==> flow/design.v <==
module sel_unit_v2 #(
   parameter XLEN = 16,
   parameter N = 16,
   parameter LG = $clog2(N)
) (
   input  clk_i,
   input  rst,
   input  enable,
   input  [N*XLEN-1:0] i_din,
   input  [LG-1:0] i_addr,
   output reg [XLEN-1:0] o_data_out
);
   reg [N*XLEN-1:0] din_ff;
   always @(posedge clk_i or posedge rst) begin
      if (rst) begin
         din_ff <= 0;
      end else if (enable) begin
         din_ff <= i_din;
      end
   end
   reg [LG-1:0] addr_ff;
   always @(posedge clk_i or posedge rst) begin
      if (rst) begin
         addr_ff <= 0;
      end else if (enable) begin
         addr_ff <= i_addr;
      end
   end
   localparam H = N / 2;
   reg [XLEN-1:0] lsb_ff;
   always @(posedge clk_i or posedge rst) begin
      if (rst) begin
         lsb_ff <= 0;
      end else if (enable) begin
         lsb_ff <= din_ff[addr_ff[LG-2:0]*XLEN +: XLEN];
      end
   end
   reg [XLEN-1:0] msb_ff;
   always @(posedge clk_i or posedge rst) begin
      if (rst) begin
         msb_ff <= 0;
      end else if (enable) begin
         msb_ff <= din_ff[(H + addr_ff[LG-2:0])*XLEN +: XLEN];
      end
   end
   reg addr_ff_d;
   always @(posedge clk_i or posedge rst) begin
      if (rst) begin
         addr_ff_d <= 1'b0;
      end else if (enable) begin
         addr_ff_d <= addr_ff[LG-1];
      end
   end
   always @(posedge clk_i or posedge rst) begin
      if (rst) begin
         o_data_out <= 0;
      end else if (enable) begin
         o_data_out <= addr_ff_d ? msb_ff : lsb_ff;
      end
   end
endmodule
# Step by step through the tools: sel_unit_v2
# Tool output for the design above, in the order of the flow.
# Lines are those of the file above, counted from 1.
# Operators carry their Yosys type and port widths (W data, S select, Z words).
# Cell names lack the library's common part.
# A cell with - has no value.
[setup]
top = "sel_unit_v2"
clock = "clk_i"
library = "sky130hd"
pvt_corner = "tt_025C_1v80"

# Word level
# Source: Yosys, flattened and elaborated, memories not mapped. Widths are those after wreduce; folded enables and synchronous resets count as part of the registers. Registers that Yosys merges into a memory's read port (data or address) are not register bits. Print and check cells do not count. Equal cells are merged and count once.
[bits]
register_bits = 309
input_bits = 263
output_inout_bits = 16
word_cells = 10
[op_classes]
add_sub_neg = 1
shift = 2
muxes = 1
[ops]
columns = ["cell", "n"]
rows = [
  ["$shiftx A256 B10 Y16", 1],
  ["$shiftx A256 B8 Y16", 1],
  ["$mux W16", 1],
  ["$add A4 B3 Y5 const A", 1],
]

# Depth
# Yosys ltp: most cells in a row. Word level: on the elaborated netlist, between registers, memories and ports. Mapped: between sequential cells and ports; inverters and the memories' decode and read muxes count.
[logic_depth]
ltp_word = 2
ABC_AREA = 0
mapped_depth = 6
ltp_nobuf = 3

# After synthesis
# Source: synth_stat.txt of the flow (Yosys; design flattened, memories mapped). It holds for the ABC_AREA given above (unset counts as 0); a run with the other value may have another netlist.
# The area totals of this step are shown rounded.
[types]
columns = ["cell_type", "n"]
rows = [
  ["dfrtp_1", 309],
  ["mux2_2", 219],
  ["mux2i_1", 112],
  ["mux2_1", 42],
  ["nor2b_1", 65],
  ["a41o_1", 32],
  ["a211o_1", 32],
  ["a22oi_1", 32],
  ["buf_2", 44],
  ["nand3_1", 32],
  ["buf_6", 13],
  ["a21oi_1", 16],
  ["nor2_1", 16],
  ["buf_4", 7],
  ["clkbuf_1", 13],
  ["nand2b_4", 1],
  ["clkbuf_4", 1],
  ["nor2_2", 1],
  ["inv_1", 1],
]
[synth_totals]
stdcells = 988
area_um2 = 13800
ff_cells = 309

# Path before layout
# Path of least setup slack by OpenSTA after synthesis, without wires, with an ideal clock, recovery checks aside; 20% of the period is set as input and as output delay. Where synthesis merged equal registers, the netlist keeps one of their names.
[synth_path]
path_type = "reg-to-reg"
startpoint = "reg addr_ff[0]"
endpoint = "reg msb_ff[10]"
clock_period_ns = 1.73
setup_time_ns = 0.120
launch_ns = 0.000
arrival_time_ns = 1.265
required_ns = 1.610
slack_ns = 0.344
delay_ns = 1.385
stages = 6
synth_period_reached_ns = 1.386
# "delay_ns" is the arrival time less input delay plus setup time.
# "stages": output pins that drive a net of the path, with the launching flip-flop's if there is one; two outputs of one cell count as two.
# "synth_period_reached_ns" = period - worst setup slack (recovery checks aside). The figure is calculated, with input and output delays left at 20% of the set period.
# The rows between start and end are the longest chain of elaborated cells between them; the timing report does not say that the signal goes this way. Where chains are equally long, one stands for them.
# Each line given opens the expression or statement behind the cell; cells for indexed reads and writes are added by Yosys, which also makes memories of some case tables.
[synth_between]
path_cell_list = "dfrtp_1 > buf_6 > buf_6 > buf_2 > a211o_1 > a41o_1"
elab_chain_cells = 2
cells_between = 2
cone_lines = 1
classes_between = "add/sub (1); shift (1)"
[synth_rtl]
columns = ["element", "line", "text"]
rows = [
  ["start: declaration", 21, "reg [LG-1:0] addr_ff;"],
  ["start: assignment", 24, "addr_ff <= 0;"],
  ["start: assignment", 26, "addr_ff <= i_addr;"],
  ["$add A4 B3 Y5", 43, "msb_ff <= din_ff[(H + addr_ff[LG-2:0])*XLEN +: XLEN];"],
  ["$shiftx A256 B10 Y16", 43, ""],
  ["end: assignment", 41, "msb_ff <= 0;"],
  ["end: assignment", 43, ""],
  ["end: declaration", 38, "reg [XLEN-1:0] msb_ff;"],
]

# Timing after layout
# Path of least setup slack in the final report of flow run A (OpenROAD, finished layout, wires in). Where an end is a register, its clock arrival counts in the times.
[layout_path]
path_type = "reg-to-reg"
startpoint = "reg addr_ff[0]"
endpoint = "reg lsb_ff[15]"
clock_period_ns = 1.66
setup_time_ns = 0.11
launch_ns = 0.50
arrival_time_ns = 2.03
required_ns = 2.04
slack_ns = 0.01
stages = 5
# The rows between start and end are the longest chain of elaborated cells between them; the timing report does not say that the signal goes this way. Where chains are equally long, one stands for them.
[layout_between]
path_cell_list = "dfrtp_4 > buf_12 > buf_16 > a211o_1 > a41o_1"
elab_chain_cells = 1
cells_between = 1
cone_lines = 1
classes_between = "shift (1)"
[layout_rtl]
columns = ["element", "line", "text"]
rows = [
  ["start: declaration", 21, "reg [LG-1:0] addr_ff;"],
  ["start: assignment", 24, "addr_ff <= 0;"],
  ["start: assignment", 26, "addr_ff <= i_addr;"],
  ["$shiftx A256 B8 Y16", 35, "lsb_ff <= din_ff[addr_ff[LG-2:0]*XLEN +: XLEN];"],
  ["end: assignment", 33, "lsb_ff <= 0;"],
  ["end: assignment", 35, ""],
  ["end: declaration", 30, "reg [XLEN-1:0] lsb_ff;"],
]

# Record of 3 stored runs of the RTL-to-layout flow on sel_unit_v2, platform sky130hd. The runs are unordered. Constraints: input delay and output delay 20% of the set period each, output load 0.01 pF.
# "period_less_ws_ns" means the clock period less the worst setup slack. The figure is calculated, with input and output delays left at 20% of the set period.
# "power.total_uw" rests on the timing tool's default activity at the inputs, not on a simulated workload.
# Values from the reports are rounded here.

[[run]]
name = "flow run A"
[run.settings]
period_ns = 1.66
CORE_UTILIZATION = 42
SETUP_SLACK_MARGIN = 0.3
PLACE_DENSITY_LB_ADDON = 0.01
CELL_PAD_IN_SITES_DETAIL_PLACEMENT = 1
CAP_MARGIN = 25
MAX_ROUTING_LAYER = "met4"
CORE_MARGIN = 2
SLEW_MARGIN = 20
[run.results]
yosys.chip_area_um2 = 13800
final_setup_ws_ns = 0.009
design_die_area_um2 = 34400
period_less_ws_ns = 1.651
layout_utilization_pct = 60.0
final_setup_tns_ns = 0.000
power.total_uw = 21000
final_hold_ws_ns = 0.285

[[run]]
name = "flow run B"
[run.settings]
period_ns = 1.78
CORE_UTILIZATION = 56
SETUP_SLACK_MARGIN = 0.21
PLACE_DENSITY_LB_ADDON = 0.02
HOLD_SLACK_MARGIN = 0.03
TNS_END_PERCENT = 15
GPL_ROUTABILITY_DRIVEN = 1
CTS_CLUSTER_SIZE = 16
SLEW_MARGIN = 10
MIN_ROUTING_LAYER = "met1"
CAP_MARGIN = 20
CORE_MARGIN = 2
[run.results]
final_hold_ws_ns = 0.196
final_setup_ws_ns = 0.164
final_setup_tns_ns = 0.000
layout_utilization_pct = 77.3
yosys.chip_area_um2 = 13800
period_less_ws_ns = 1.616
design_die_area_um2 = 26000
power.total_uw = 19400

[[run]]
name = "flow run C"
[run.settings]
period_ns = 1.73
CAP_MARGIN = 20
CORE_MARGIN = 2
CORE_UTILIZATION = 40
SLEW_MARGIN = 20
[run.results]
yosys.chip_area_um2 = 13800
layout_utilization_pct = 53.9
final_setup_tns_ns = 0.000
design_die_area_um2 = 36100
period_less_ws_ns = 1.683
final_hold_ws_ns = 0.260
power.total_uw = 19200
final_setup_ws_ns = 0.047
